==> flow/design.v <==
module sync_mul_mod #(
    parameter int DATA_W = 4
) (
    input  logic clk,
    input  logic rst,
    input  logic [DATA_W-1:0] in_first,
    input  logic [DATA_W-1:0] in_second,
    input  logic in_clear,
    output logic [2*DATA_W-1:0] out_res,
    output logic out_fin
);
    localparam int SW = $clog2(DATA_W + 1);
    logic [DATA_W-1:0] mcand;
    logic [SW-1:0] left;
    always_ff @(posedge clk or posedge rst) begin
        if (rst) begin
            mcand <= 0;
            left <= 0;
        end else begin
            mcand <= in_clear ? in_first : mcand;
            left <= in_clear ? DATA_W : (left != 0) ? left - 1'b1 : left;
        end
    end
    logic [2*DATA_W-1:0] run_sum;
    logic [DATA_W:0] work;
    assign work = run_sum[2*DATA_W-1:DATA_W] + (run_sum[0] ? mcand : {DATA_W{1'b0}});
    always_ff @(posedge clk or posedge rst) begin
        if (rst) begin
            run_sum <= 0;
        end else begin
            run_sum <= in_clear ? {{DATA_W{1'b0}}, in_second} : (left != 0) ? {work, run_sum[DATA_W-1:1]} : run_sum;
        end
    end
    assign out_res = run_sum;
    assign out_fin = (left == 0);
endmodule
# From RTL to reports: sync_mul_mod
# Module sync_mul_mod in several versions that differ in "DATA_W"; each step lists the members.
# The file above is the member DATA_W=4. Line numbers count from 1 in each member's own file.
# Operators carry their Yosys type and port widths (W data, S select, Z words).
# Library cell names are shortened.
inputs:
  top_module: "sync_mul_mod"
  clock_port: "clk"
  library: "sky130hd"
  pvt_corner: "tt_025C_1v80"

# Source of the members
# New or changed lines of each further member against the RTL above, in its own file; lines it lacks are not shown.
changed_lines:
  columns: ["DATA_W", "line", "rtl"]
  rows:
  - [20, 2, "parameter int DATA_W = 20"]
  - [24, 2, "parameter int DATA_W = 24"]

# Word level
# Source: Yosys, flattened and elaborated, memories not mapped. Widths are those after wreduce. Registers that Yosys merges into a memory's read port (data or address) are not register bits. Print and check cells do not count. Equal cells are merged and count once.
word_totals:
  columns: ["DATA_W", "register_bits", "output_inout_bits"]
  rows:
  - [4, 15, 9]
  - [20, 65, 41]
  - [24, 77, 49]
classes:
  columns: ["DATA_W", "addsub", "n_mux", "reduce_logical"]
  rows:
  - [4, 2, 5, 3]
  - [20, 2, 5, 3]
  - [24, 2, 5, 3]
op_table:
  columns: ["DATA_W", "op_list"]
  rows:
  - [4, "$mux W8 (2); $mux W3 (2); $add A4 B4 Y5 (1); $mux W4 (1); $sub A3 B1 Y3 const B (1); $logic_not A3 Y1 (1); $reduce_bool A3 Y1 (1); $reduce_bool A2 Y1 (1)"]
  - [20, "$mux W40 (2); $add A20 B20 Y21 (1); $mux W20 (1); $mux W5 (2); $sub A5 B1 Y5 const B (1); $logic_not A5 Y1 (1); $reduce_bool A5 Y1 (1); $reduce_bool A2 Y1 (1)"]
  - [24, "$mux W48 (2); $add A24 B24 Y25 (1); $mux W24 (1); $mux W5 (2); $sub A5 B1 Y5 const B (1); $logic_not A5 Y1 (1); $reduce_bool A5 Y1 (1); $reduce_bool A2 Y1 (1)"]

# Longest topological paths
# Longest topological path by Yosys (ltp), each cell counted once; first at word level (registers and memories cut), then after technology mapping (sequential cells cut; the memories' decode and read muxes count).
logic_depth:
  columns: ["DATA_W", "depth_word", "ABC_AREA", "depth_mapped"]
  rows:
  - [4, 4, 0, 7]
  - [20, 4, 0, 11]
  - [24, 4, 0, 12]

# Netlist
# The flow's flattened synthesis, as Yosys stat reports it; memories are mapped. The netlist is that of the ABC_AREA named above (0 if unset); the other value can give another one.
# Totals and module areas in this step are rounded.
by_type:
  columns: ["DATA_W", "cell_types"]
  rows:
  - [4, "dfrtp_1 (15); ha_1 (6); mux2_2 (4); mux2i_1 (4); inv_1 (7); nand2_1 (7); a211oi_1 (3); fa_1 (1); o21ai_1 (4); and2_1 (3); nor2_1 (5); xnor2_1 (2); a21oi_1 (3); o211ai_2 (1); a2111o_1 (1); buf_6 (1); inv_6 (1); nand2b_2 (1); (+9)"]
  - [20, "dfrtp_1 (65); ha_1 (22); mux2_2 (20); mux2i_1 (20); nand2_1 (47); o21ai_0 (28); and2_1 (21); a21oi_1 (22); nor2_1 (26); a21o_1 (9); o21a_1 (8); inv_1 (14); a211oi_1 (6); clkbuf_1 (10); nor3_1 (7); xnor2_1 (4); buf_2 (6); nand3_1 (6); (+70)"]
  - [24, "dfrtp_1 (77); ha_1 (26); mux2_2 (24); mux2i_1 (25); nand2_1 (52); o21ai_0 (39); and2_1 (26); a21oi_1 (31); nor2_1 (22); xnor2_1 (7); xor2_1 (7); clkbuf_1 (15); a211oi_1 (6); nor3b_1 (6); a21oi_2 (5); clkbuf_8 (3); inv_1 (11); a31oi_1 (6); (+83)"]
# The mark (+n) counts cells that are not listed.
synth_totals:
  columns: ["DATA_W", "cell_count", "yosys_area_um2", "sequential_area_um2", "flip_flops"]
  rows:
  - [4, 78, 828, 375, 15]
  - [20, 411, 3930, 1630, 65]
  - [24, 471, 4630, 1930, 77]

# Path before layout
# OpenSTA on the mapped netlist: ideal clock, no wires. The path of least setup slack (recovery checks aside). Input and output delay are each 20% of the period. Register names are those of the netlist, which keeps one name where synthesis merged equal registers.
synth_timing:
  columns: ["DATA_W", "kind", "from", "to", "clock_period_ps", "slack_ps", "driving_pins", "delay_ps", "period_less_setup_slack_ps"]
  rows:
  - [4, "reg-to-reg", "register run_sum[0]", "register run_sum[7]", 2020, 406, 8, 1614, 1614]
  - [20, "reg-to-reg", "register run_sum[0]", "register run_sum[38]", 3170, 637, 10, 2533, 2533]
  - [24, "reg-to-reg", "register run_sum[0]", "register run_sum[39]", 3320, 664, 13, 2656, 2656]
# "delay_ps" = arrival - input delay + setup time.
# "driving_pins": output pins that drive a net of the path, with the launching flip-flop's if there is one; two outputs of one cell count as two.
# "period_less_setup_slack_ps" is the clock period less the worst setup slack; recovery checks do not enter. This is arithmetic on one report: input and output delays are still those of the set period (20% each).
# The rows between start and end are the longest chain of elaborated cells between them; the timing report does not say that the signal goes this way. Where chains are equally long, one stands for them.
# A line is the first line of the expression or statement that the cell stems from. Yosys adds cells for indexed reads and writes and turns some case tables into memories.
synth_between_DATA_W_4:
  elab_chain_len: 4
synth_lines_DATA_W_4:
  columns: ["element", "line", "rtl"]
  rows:
  - ["start: declaration", 24, "logic [2*DATA_W-1:0] run_sum;"]
  - ["start: assignment", 29, "run_sum <= 0;"]
  - ["start: assignment", 31, "run_sum <= in_clear ? {{DATA_W{1'b0}}, in_second} : (left != 0) ? {work, run_sum[DATA_W-1:1]} : run_sum;"]
  - ["$mux W4", 26, "assign work = run_sum[2*DATA_W-1:DATA_W] + (run_sum[0] ? mcand : {DATA_W{1'b0}});"]
  - ["$add A4 B4 Y5", 26, null]
  - ["$mux W8 x2", 31, null]
  - ["end: assignment", 29, null]
  - ["end: assignment", 31, null]
  - ["end: declaration", 24, null]
synth_between_DATA_W_24:
  elab_chain_len: 4
synth_lines_DATA_W_24:
  columns: ["element", "line", "rtl"]
  rows:
  - ["start: declaration", 24, "logic [2*DATA_W-1:0] run_sum;"]
  - ["start: assignment", 29, "run_sum <= 0;"]
  - ["start: assignment", 31, "run_sum <= in_clear ? {{DATA_W{1'b0}}, in_second} : (left != 0) ? {work, run_sum[DATA_W-1:1]} : run_sum;"]
  - ["$mux W24", 26, "assign work = run_sum[2*DATA_W-1:DATA_W] + (run_sum[0] ? mcand : {DATA_W{1'b0}});"]
  - ["$add A24 B24 Y25", 26, null]
  - ["$mux W48 x2", 31, null]
  - ["end: assignment", 29, null]
  - ["end: assignment", 31, null]
  - ["end: declaration", 24, null]

# Path in the finished layout
# From the final timing report of each member's run: the path of least setup slack in the routed layout; clock arrival at registers is part of the times.
# The path's times are printed in steps of 10 ps; the period is the one set.
layout_timing:
  columns: ["DATA_W", "kind", "from", "to", "clock_period_ps", "slack_ps", "driving_pins", "t_arrival_ps", "n_path_buf"]
  rows:
  - [4, "reg-to-output", "register left[1]", "output out_fin", 2020, 270, 6, 1350, 1]
  - [20, "reg-to-output", "register left[0]", "output out_fin", 3170, 380, 6, 2150, 1]
  - [24, "reg-to-reg", "register run_sum[0]", "register run_sum[42]", 3320, 450, 11, 3110, 1]

# Measured runs
# Settings and results of one run of the flow (Yosys, OpenROAD) for each member follow. The constraints put input and output delay at 20% of the set period each and load the outputs with 0.01 pF.
settings:
  CAP_MARGIN: 20
  CORE_MARGIN: 2
  CORE_UTILIZATION: 40
  SLEW_MARGIN: 20
settings_by_member:
  columns: ["DATA_W", "period_ns"]
  rows:
  - [4, 2.02]
  - [20, 3.17]
  - [24, 3.32]
results:
  columns: ["DATA_W", "ys_area_um2", "design_die_area_um2", "stdcell_area_um2", "fin_util_frac", "setup_worst_slack_ps", "timing.setup.tns_ps", "power.total_mw", "clock_period_reached_ps"]
  rows:
  - [4, 828, 2450, 1100, 0.56, 265, 0, 1.17, 1755]
  - [20, 3930, 10600, 5060, 0.525, 383, 0, 2.37, 2787]
  - [24, 4630, 12500, 6030, 0.53, 451, 0, 3.17, 2869]
# "clock_period_reached_ps" is the run's clock period less its worst setup slack. It is reckoned from that one timing run; input and output delays stay at 20% of the period that was set.
# "power.total_mw": no workload was simulated; the value follows from the tool's default switching activity.
# The results are shown rounded.
